==> flow/design.v <==
module u_chooser_sel2 #(parameter N = 1) (
    input wire [N-1:0] a,
    input wire [N-1:0] b,
    input wire s,
    output wire [N-1:0] y
);
    assign y = (a & {N{~s}}) | (b & {N{s}});
endmodule
module u_chooser #(
    parameter integer DW = 4,
    parameter integer COUNT = 16,
    parameter integer SEL_W = $clog2(COUNT)
) (
    input  wire ck,
    input  wire rst_ni,
    input  wire enable,
    input  wire [COUNT*DW-1:0] i_in,
    input  wire [SEL_W-1:0] i_choose,
    output reg [DW-1:0] o_z_o
);
    wire [DW-1:0] nd [1:2*COUNT-1];
    genvar i;
    generate
        for (i = 0; i < COUNT; i = i + 1) begin : gen
            assign nd[COUNT+i] = i_in[i*DW +: DW];
        end
        for (i = 1; i < COUNT; i = i + 1) begin : each
            u_chooser_sel2 #(.N(DW)) unit (.a(nd[2*i]), .b(nd[2*i+1]), .s(i_choose[SEL_W - $clog2(i+1)]), .y(nd[i]));
        end
    endgenerate
    always @(posedge ck or negedge rst_ni) begin
        if (~rst_ni) begin
            o_z_o <= 0;
        end else if (enable) begin
            o_z_o <= nd[1];
        end
    end
endmodule
Reports on u_chooser

What the tools print for u_chooser, step after step.
Lines are those of the file above, counted from 1.
Operators carry their Yosys type and port widths (W data, S select, Z words).
Library cell names are shortened.
The mark -- stands for no value.

Design top: u_chooser
Clock: ck
Cell library: sky130hd
Library corner: tt_025C_1v80

After elaboration

Counts by Yosys on the flattened word-level netlist (proc, flatten, opt, wreduce; memories kept). Register bits leave out memories and registers merged into their read ports (data or address); mux counts leave out enables and synchronous resets folded into registers. Print and check cells are left out. Cells with the same type and inputs are merged into one.

Bits in writable memories: 0
Memories kept: 0
Word-level cells: 50
Clocked read ports x word width: 0
Latch bits: 0
Bits of input ports: 71
Register bits after elaboration: 4
ROM bits: 0
Output and inout bits: 4

Reductions and logical operators: 0
Mux-type cells: 0
Bitwise operators: 49
Equal/unequal tests: 0
Magnitude comparators: 0
Shift-type cells: 0
Multiply operators: 0
Add/subtract/negate cells: 0
Divide/modulo/power cells: 0

Operators with widths:

| operator      | number |
| $and A4 B4 Y4 | 30 |
| $or A4 B4 Y4  | 15 |
| $not A1 Y1    | 4 |

Logic depth

Yosys ltp: most cells in a row. Word level: on the elaborated netlist, between registers, memories and ports. Mapped: between sequential cells and ports; inverters and the memories' decode and read muxes count.

Depth in word-level cells: 9
ABC_AREA: 0
Gate-level depth with buffers: 6
Mapped depth without buffers: 4

After synthesis

The flow's flattened synthesis, as Yosys stat reports it; memories are mapped. The netlist is that of the ABC_AREA named above (0 if unset); the other value can give another one.

Sequential part of the area: 100.1 um2
Mapped area: 676.9 um2
Buffers: 5
Flip-flop cells: 4
Standard cells after synthesis: 41

Cell types:

| cell type | number | area in all (um2) |
| mux4_2    | 14     | 315.302 |
| mux2i_1   | 12     | 120.115 |
| dfrtp_1   | 4      | 100.096 |
| mux4_1    | 2      | 52.55 |
| mux2_2    | 3      | 33.782 |
| buf_6     | 2      | 22.522 |
| mux2_4    | 1      | 15.014 |
| clkbuf_4  | 1      | 7.507 |
| buf_2     | 1      | 5.005 |
| clkbuf_2  | 1      | 5.005 |

By module: a second synthesis without flattening, with its own total; a netlist apart from the flattened one above.

Cells (unflattened synthesis): 68
Area (unflattened synthesis): 820.8 um2

Rows give one instance, submodules left out.

Modules:

| module                 | cells | seq. area (um2) | times used | area (um2) |
| (no name shown) #(N=4) | 4     | 0.0             | 15         | 45.0 |
| (no name shown)        | 8     | 100.1           | 1          | 145.1 |

Path before layout

Path of least setup slack by OpenSTA after synthesis, without wires, with an ideal clock, recovery checks aside; 20% of the period is set as input and as output delay. Where synthesis merged equal registers, the netlist keeps one of their names.

Path type: input to register
From: input port (name not given)
To: register o_z_o[2]
Data required time: 1,755 ps
Input delay: 376 ps
Delay of the path: 1,206 ps
Setup time: 125 ps
Launch time at the first pin: 376 ps
Buffers on the path: 1
Arrival: 1,457 ps
Setup slack: 297 ps
Clock period: 1,880 ps
Stages on the path: 5
Period reached after synthesis: 1,583 ps

"delay of the path" is the arrival time less input delay plus setup time.
"stages on the path": output pins that drive a net of the path, with the launching flip-flop's if there is one; two outputs of one cell count as two.
"period reached after synthesis" = period - worst setup slack (recovery checks aside). The figure is calculated, with input and output delays left at 20% of the set period.
The rows between start and end are the longest chain of elaborated cells between them; the timing report does not say that the signal goes this way. Where chains are equally long, one stands for them.
A line is the first line of the expression or statement that the cell stems from. Yosys adds cells for indexed reads and writes and turns some case tables into memories.

Cells stage by stage: buf_6 mux4_2 mux2i_1 mux2i_1 mux2_4
Cells in the longest elaborated chain: 9
Elaborated cells between the ends (all ways): 46
Source lines of those cells: 1
Classes of those cells: 46 x logic

RTL lines, path after synthesis:

| what               | line | text |
| start: declaration | 18   |  |
| $not A1 Y1         | 7    | `assign y = (a & {N{~s}}) \| (b & {N{s}});` |
| $and A4 B4 Y4      | 7    |  |
| $or A4 B4 Y4       | 7    |  |
| $and A4 B4 Y4      | 7    |  |
| $or A4 B4 Y4       | 7    |  |
| $and A4 B4 Y4      | 7    |  |
| $or A4 B4 Y4       | 7    |  |
| $and A4 B4 Y4      | 7    |  |
| $or A4 B4 Y4       | 7    |  |
| end: assignment    | 33   | `o_z_o <= 0;` |
| end: assignment    | 35   | `o_z_o <= nd[1];` |
| end: declaration   | 19   | `output reg [DW-1:0] o_z_o` |

Worst path after layout

From the final timing report of flow run 1: the path of least setup slack in the routed layout; clock arrival at registers is part of the times.
The report prints the path's times to 10 ps; the period is as set.

Path type: input to register
From: input port (name not given)
To: register o_z_o[2]
Buffers on the path: 2
Setup slack: -310 ps
Setup time: 120 ps
Stages on the path: 6
Data required time: 1,160 ps
Clock period: 1,050 ps
Launch time at the first pin: 210 ps
Input delay: 210 ps
Arrival: 1,470 ps

The rows between start and end are the longest chain of elaborated cells between them; the timing report does not say that the signal goes this way. Where chains are equally long, one stands for them.

Cells stage by stage: buf_8 buf_12 mux4_2 mux2i_2 mux2i_1 mux2_4
Cells in the longest elaborated chain: 9
Elaborated cells between the ends (all ways): 46
Source lines of those cells: 1
Classes of those cells: 46 x logic

RTL lines, path post-layout:

| what               | line | text |
| start: declaration | 18   |  |
| $not A1 Y1         | 7    | `assign y = (a & {N{~s}}) \| (b & {N{s}});` |
| $and A4 B4 Y4      | 7    |  |
| $or A4 B4 Y4       | 7    |  |
| $and A4 B4 Y4      | 7    |  |
| $or A4 B4 Y4       | 7    |  |
| $and A4 B4 Y4      | 7    |  |
| $or A4 B4 Y4       | 7    |  |
| $and A4 B4 Y4      | 7    |  |
| $or A4 B4 Y4       | 7    |  |
| end: assignment    | 33   | `o_z_o <= 0;` |
| end: assignment    | 35   | `o_z_o <= nd[1];` |
| end: declaration   | 19   | `output reg [DW-1:0] o_z_o` |

Stored flow runs of u_chooser (3 of them; Yosys, OpenROAD, sky130hd). They differ in their settings and are not a sequence. Constraints: input delay and output delay 20% of the set period each, output load 0.01 pF.
"clock period reached": clock period set for the run, less the worst setup slack. It is reckoned from that one timing run; input and output delays stay at 20% of the period that was set.
"worst path time" means the part of the period allowed to the worst setup path (the constraints hold back 20% at inputs and 20% at outputs) less its slack; where the path has registers, the arrival times of their clocks count too.
"total power of the final layout" is the tool's figure for a default switching activity; nothing was simulated.
"worst path time" is given in steps of 10 ps.
Settings: . = not set for that run.
Results: . = not shown.

| name                                   | flow run 1        | flow run 2 | flow run 3 |
| period_ns                              | 1.05              | 1.88       | 2.26       |
| CORE_UTILIZATION                       | 24                | 40         | 43         |
| SETUP_SLACK_MARGIN                     | -0.01             | .          | -0.05      |
| PLACE_DENSITY_LB_ADDON                 | 0.0               | .          | 0.27       |
| CELL_PAD_IN_SITES_GLOBAL_PLACEMENT     | 0                 | .          | .          |
| TNS_END_PERCENT                        | 5                 | .          | 30         |
| ABC_AREA                               | 0                 | .          | 0          |
| GPL_TIMING_DRIVEN                      | 0                 | .          | .          |
| CTS_CLUSTER_SIZE                       | 77                | .          | 67         |
| CAP_MARGIN                             | 35                | 20         | 20         |
| SLEW_MARGIN                            | 5                 | 20         | 20         |
| MIN_ROUTING_LAYER                      | met1              | .          | .          |
| CORE_MARGIN                            | 2                 | 2          | 2          |
| CELL_PAD_IN_SITES_DETAIL_PLACEMENT     | .                 | .          | 1          |
| CTS_CLUSTER_DIAMETER                   | .                 | .          | 233        |
| Yosys chip area after synthesis (um2)  | 676.9             | .          | .          |
| utilization after layout (%)           | 53.1              | .          | .          |
| die area (um2)                         | 3,261.0           | .          | .          |
| worst path time (ps)                   | 1,150             | .          | .          |
| critical path kind                     | input to register | .          | .          |
| total power of the final layout (W)    | 0.0009024         | .          | .          |
| standard-cell area after routing (um2) | 1,438.9           | .          | .          |
| smallest setup slack (ps)              | -313              | .          | .          |
| clock period reached (ps)              | 1,363             | .          | .          |
| summed negative setup slack (ps)       | -1,080            | .          | .          |

Flow run 2: did not finish, placement stopped with DPL-0033
Flow run 3: did not finish, placement stopped with FLW-0024
